==> flow/design.v <==
module fa (
   input logic a,
   input logic b,
   input logic ci,
   output logic s,
   output logic co
);
   assign {co, s} = a + b + ci;
endmodule
module u_sub_unit_mod #(
   parameter int WIDTH = 20
) (
   input logic clk_i,
   input logic nrst,
   input logic [WIDTH-1:0] src1,
   input logic [WIDTH-1:0] src2,
   input logic dir,
   output logic [WIDTH-1:0] q,
   output logic carry_out
);
   logic [WIDTH-1:0] nxt;
   logic [WIDTH:0] carry;
   assign carry[0] = dir;
   for (genvar i = 0; i < WIDTH; i++) begin : blk
      fa u0 (.a(src1[i]), .b(src2[i] ^ dir), .ci(carry[i]), .s(nxt[i]), .co(carry[i+1]));
   end
   always_ff @(posedge clk_i or negedge nrst) begin
      if (!nrst) begin
         q <= 0;
      end else begin
         q <= nxt;
      end
   end
   always_ff @(posedge clk_i or negedge nrst) begin
      if (!nrst) begin
         carry_out <= 1'b0;
      end else begin
         carry_out <= carry[WIDTH];
      end
   end
endmodule
## From RTL to reports: u_sub_unit_mod

The steps from the RTL of u_sub_unit_mod to its reports follow in flow order.
Line numbers count from 1 in the design file above.
Operators: Yosys type, input widths -> output width; for muxes data width and select width s.
A cell with n/a has no value.

| design | value |
|---|---|
| top | u_sub_unit_mod |
| clock port | clk_i |
| cell library | sky130hd |
| timing corner | tt_025C_1v80 |

## Elaborated design

Yosys after proc, flatten, opt, wreduce and memory -nomap, before mapping. Enables and synchronous resets that opt folds into registers are not counted as muxes. Memory bits, and registers merged into a memory's read port (data or address), are not among the register bits. Print and check cells are not counted. Equal cells are merged and count once.

| cells by class | value |
|---|---|
| equality and inequality tests | 0 |
| shift-type cells | 0 |
| $lt $le $gt $ge | 0 |
| reductions and logical operators | 0 |
| add/sub/neg operators | 40 |
| bitwise logic cells | 20 |
| multipliers | 0 |
| div/mod/pow operators | 0 |
| mux-type cells | 0 |

Operators with widths:

| cell | number |
|---|---|
| $add 1x1->2 | 20 |
| $add 2x1->2 | 20 |
| $xor 1x1->1 | 20 |

| bit counts | value |
|---|---|
| memory bits (writable) | 0 |
| bits in latches | 0 |
| register bits after elaboration | 21 |
| input bits | 43 |
| ROM bits | 0 |
| word width x clocked read ports | 0 |
| output and inout bits | 21 |
| cells after elaboration | 62 |
| memory cells | 0 |

## Depth

Longest topological path by Yosys (ltp), each cell counted once; first at word level (registers and memories cut), then after technology mapping (sequential cells cut; the memories' decode and read muxes count).

| depth | value |
|---|---|
| depth after elaboration | 22 |
| ABC_AREA | 0 |
| depth in mapped cells | 23 |
| depth with buffers taken out | 22 |

## Netlist

The flow's flattened synthesis, as Yosys stat reports it; memories are mapped. The netlist is that of the ABC_AREA named above (0 if unset); the other value can give another one.
The area totals of this step are shown rounded.

| synthesis totals | value |
|---|---|
| flip-flop cells | 21 |
| mapped area | 0.00125 mm^2 |
| cell count | 99 |

Cell types:

| type | number | area in all (um^2) |
|---|---|---|
| sky130_fd_sc_hd__dfrtp_1 | 21 | 525.504 |
| sky130_fd_sc_hd__fa_1 | 19 | 380.365 |
| sky130_fd_sc_hd__xnor2_1 | 17 | 148.893 |
| sky130_fd_sc_hd__inv_1 | 36 | 135.13 |
| sky130_fd_sc_hd__xor2_1 | 3 | 26.275 |
| sky130_fd_sc_hd__buf_6 | 2 | 22.522 |
| sky130_fd_sc_hd__mux2_2 | 1 | 11.261 |

The figures by module come from a second, unflattened synthesis with its own total; it is not the netlist above.

| second synthesis, totals | value |
|---|---|
| cell total of the unflattened synthesis | 63 |
| area total of the unflattened synthesis | 0.001124 mm^2 |

Each row is one instance without its submodules.

By module:

| module | cells | times used | area (mm^2) |
|---|---|---|---|
| u_sub_unit_mod | 43 | 1 | 0.0007232 |
| fa | 1 | 20 | 0.00002 |

## Worst setup path after synthesis

Path of least setup slack by OpenSTA after synthesis, without wires, with an ideal clock, recovery checks aside; 20% of the period is set as input and as output delay. Where synthesis merged equal registers, the netlist keeps one of their names.

| path post-synthesis | value |
|---|---|
| path kind | input -> register |
| start point | in dir |
| end point | reg q[19] |
| required time | 12.665 ns |
| input delay | 2.560 ns |
| arrival | 10.633 ns |
| delay of the path | 8.208 ns |
| period | 12.8 ns |
| driving pins on the path | 23 |
| setup time | 0.135 ns |
| setup slack | 2.032 ns |
| synthesis period reached | 10.768 ns |

"delay of the path" = arrival - input delay + setup time.
"driving pins on the path" counts driving pins, that of a launching flip-flop among them; a cell with two outputs on the path counts twice.
"synthesis period reached" is the clock period less the worst setup slack; recovery checks do not enter. This is arithmetic on one report: input and output delays are still those of the set period (20% each).
Between the ends stands the longest chain of elaborated cells between them, by number of cells; it is not shown to be the way that was timed. Of several equally long chains one is given.
A line is the first line of the expression or statement that the cell stems from. Yosys adds cells for indexed reads and writes and turns some case tables into memories.

| on the way, post-synthesis | value |
|---|---|
| path through | sky130_fd_sc_hd__buf_6 -> sky130_fd_sc_hd__xor2_1 -> sky130_fd_sc_hd__fa_1 -> sky130_fd_sc_hd__inv_1 -> sky130_fd_sc_hd__fa_1 -> sky130_fd_sc_hd__fa_1 -> sky130_fd_sc_hd__fa_1 -> sky130_fd_sc_hd__fa_1 -> sky130_fd_sc_hd__fa_1 -> sky130_fd_sc_hd__fa_1 -> sky130_fd_sc_hd__fa_1 -> sky130_fd_sc_hd__fa_1 -> sky130_fd_sc_hd__fa_1 -> sky130_fd_sc_hd__fa_1 -> sky130_fd_sc_hd__fa_1 -> sky130_fd_sc_hd__fa_1 -> sky130_fd_sc_hd__fa_1 -> sky130_fd_sc_hd__fa_1 -> sky130_fd_sc_hd__fa_1 -> sky130_fd_sc_hd__fa_1 -> sky130_fd_sc_hd__fa_1 -> sky130_fd_sc_hd__inv_1 -> sky130_fd_sc_hd__fa_1 |
| cells in the longest elaborated chain | 22 |
| elaborated cells between the ends (all ways) | 60 |
| source lines of those cells | 2 |
| those cells by class | add/sub (40); logic (20) |

RTL lines, path post-synthesis:

| item | RTL line | source |
|---|---|---|
| start: declaration | 17 | `input logic dir,` |
| $xor 1x1->1 | 25 | `fa u0 (.a(src1[i]), .b(src2[i] ^ dir), .ci(carry[i]), .s(nxt[i]), .co(carry[i+1]));` |
| $add 1x1->2 | 8 | `assign {co, s} = a + b + ci;` |
| $add 2x1->2 x20 | 8 |  |
| end: assignment | 29 | `q <= 0;` |
| end: assignment | 31 | `q <= nxt;` |
| end: declaration | 18 | `output logic [WIDTH-1:0] q,` |

## Timing after layout

From the final timing report of record 1: the path of least setup slack in the routed layout; clock arrival at registers is part of the times.

| path after layout | value |
|---|---|
| path kind | input -> register |
| start point | in dir |
| end point | reg q[19] |
| required time | 16.13 ns |
| period | 16.0 ns |
| input delay | 3.20 ns |
| arrival | 12.22 ns |
| driving pins on the path | 24 |
| setup time | 0.12 ns |
| setup slack | 3.91 ns |

Between the ends stands the longest chain of elaborated cells between them, by number of cells; it is not shown to be the way that was timed. Of several equally long chains one is given.

| on the way, after layout | value |
|---|---|
| path through | sky130_fd_sc_hd__clkdlybuf4s50_1 -> sky130_fd_sc_hd__buf_4 -> sky130_fd_sc_hd__mux2_2 -> sky130_fd_sc_hd__fa_1 -> sky130_fd_sc_hd__inv_1 -> sky130_fd_sc_hd__fa_1 -> sky130_fd_sc_hd__fa_1 -> sky130_fd_sc_hd__fa_1 -> sky130_fd_sc_hd__fa_1 -> sky130_fd_sc_hd__fa_1 -> sky130_fd_sc_hd__fa_1 -> sky130_fd_sc_hd__fa_1 -> sky130_fd_sc_hd__fa_1 -> sky130_fd_sc_hd__fa_1 -> sky130_fd_sc_hd__fa_1 -> sky130_fd_sc_hd__fa_1 -> sky130_fd_sc_hd__fa_1 -> sky130_fd_sc_hd__fa_1 -> sky130_fd_sc_hd__fa_1 -> sky130_fd_sc_hd__fa_1 -> sky130_fd_sc_hd__fa_1 -> sky130_fd_sc_hd__fa_1 -> sky130_fd_sc_hd__inv_1 -> sky130_fd_sc_hd__fa_1 |
| cells in the longest elaborated chain | 22 |
| elaborated cells between the ends (all ways) | 60 |
| source lines of those cells | 2 |
| those cells by class | add/sub (40); logic (20) |

RTL lines, path after layout:

| item | RTL line | source |
|---|---|---|
| start: declaration | 17 | `input logic dir,` |
| $xor 1x1->1 | 25 | `fa u0 (.a(src1[i]), .b(src2[i] ^ dir), .ci(carry[i]), .s(nxt[i]), .co(carry[i+1]));` |
| $add 1x1->2 | 8 | `assign {co, s} = a + b + ci;` |
| $add 2x1->2 x20 | 8 |  |
| end: assignment | 29 | `q <= 0;` |
| end: assignment | 31 | `q <= nxt;` |
| end: declaration | 18 | `output logic [WIDTH-1:0] q,` |

==> results <==
Record of 3 stored runs of the RTL-to-layout flow on u_sub_unit_mod, platform sky130hd. The runs are unordered. Constraints: input delay and output delay 20% of the set period each, output load 0.01 pF.
"period reached" is the run's clock period less its worst setup slack. It is reckoned from that one timing run; input and output delays stay at 20% of the period that was set.
"time on the worst setup path" is the time allowed to the run's worst setup path (the clock period less input and output delay, where it has them) less its slack. Clock arrival times count: a late capture clock shortens it, a late launch clock lengthens it.
"total power of the final layout": no workload was simulated; the value follows from the tool's default switching activity.
Results are given in rounded form.
Settings: n/a = not set for that run.

| item | record 1 | record 2 | record 3 |
|---|---|---|---|
| period_ns | 16.0 | 11.0 | 12.8 |
| CORE_UTILIZATION | 21 | 27 | 40 |
| PLACE_DENSITY | 0.68 | n/a | n/a |
| CELL_PAD_IN_SITES_GLOBAL_PLACEMENT | 0 | 1 | n/a |
| CELL_PAD_IN_SITES_DETAIL_PLACEMENT | 1 | n/a | n/a |
| ABC_AREA | 0 | 0 | n/a |
| GPL_TIMING_DRIVEN | 1 | n/a | n/a |
| CTS_CLUSTER_DIAMETER | 307 | 60 | n/a |
| CAP_MARGIN | 20 | 35 | 20 |
| SLEW_MARGIN | 15 | 5 | 20 |
| CORE_MARGIN | 2 | 6 | 2 |
| SETUP_SLACK_MARGIN | n/a | 2.81 | n/a |
| CORE_ASPECT_RATIO | n/a | 0.81 | n/a |
| GPL_ROUTABILITY_DRIVEN | n/a | 1 | n/a |
| CTS_CLUSTER_SIZE | n/a | 49 | n/a |
| MAX_ROUTING_LAYER | n/a | met4 | n/a |
| time on the worst setup path (ns) | 8.89 | 7.19 | 8.56 |
| class of the worst setup path | input -> register | input -> register | input -> register |
| sum of negative setup slack (ns) | 0.000 | 0.000 | 0.000 |
| post-synthesis cell area (mm^2) | 0.00125 | 0.00125 | 0.00125 |
| utilization after routing (%) | 34.3 | 48.5 | 64.4 |
| setup slack of the worst path (ns) | 3.908 | 1.612 | 1.680 |
| total power of the final layout (W) | 0.0001844 | 0.0002773 | 0.0002203 |
| period reached (ns) | 12.092 | 9.388 | 11.120 |
| standard-cell area of the final layout (mm^2) | 0.002004 | 0.002078 | 0.001933 |
| die area (mm^2) | 0.006585 | 0.006415 | 0.003588 |
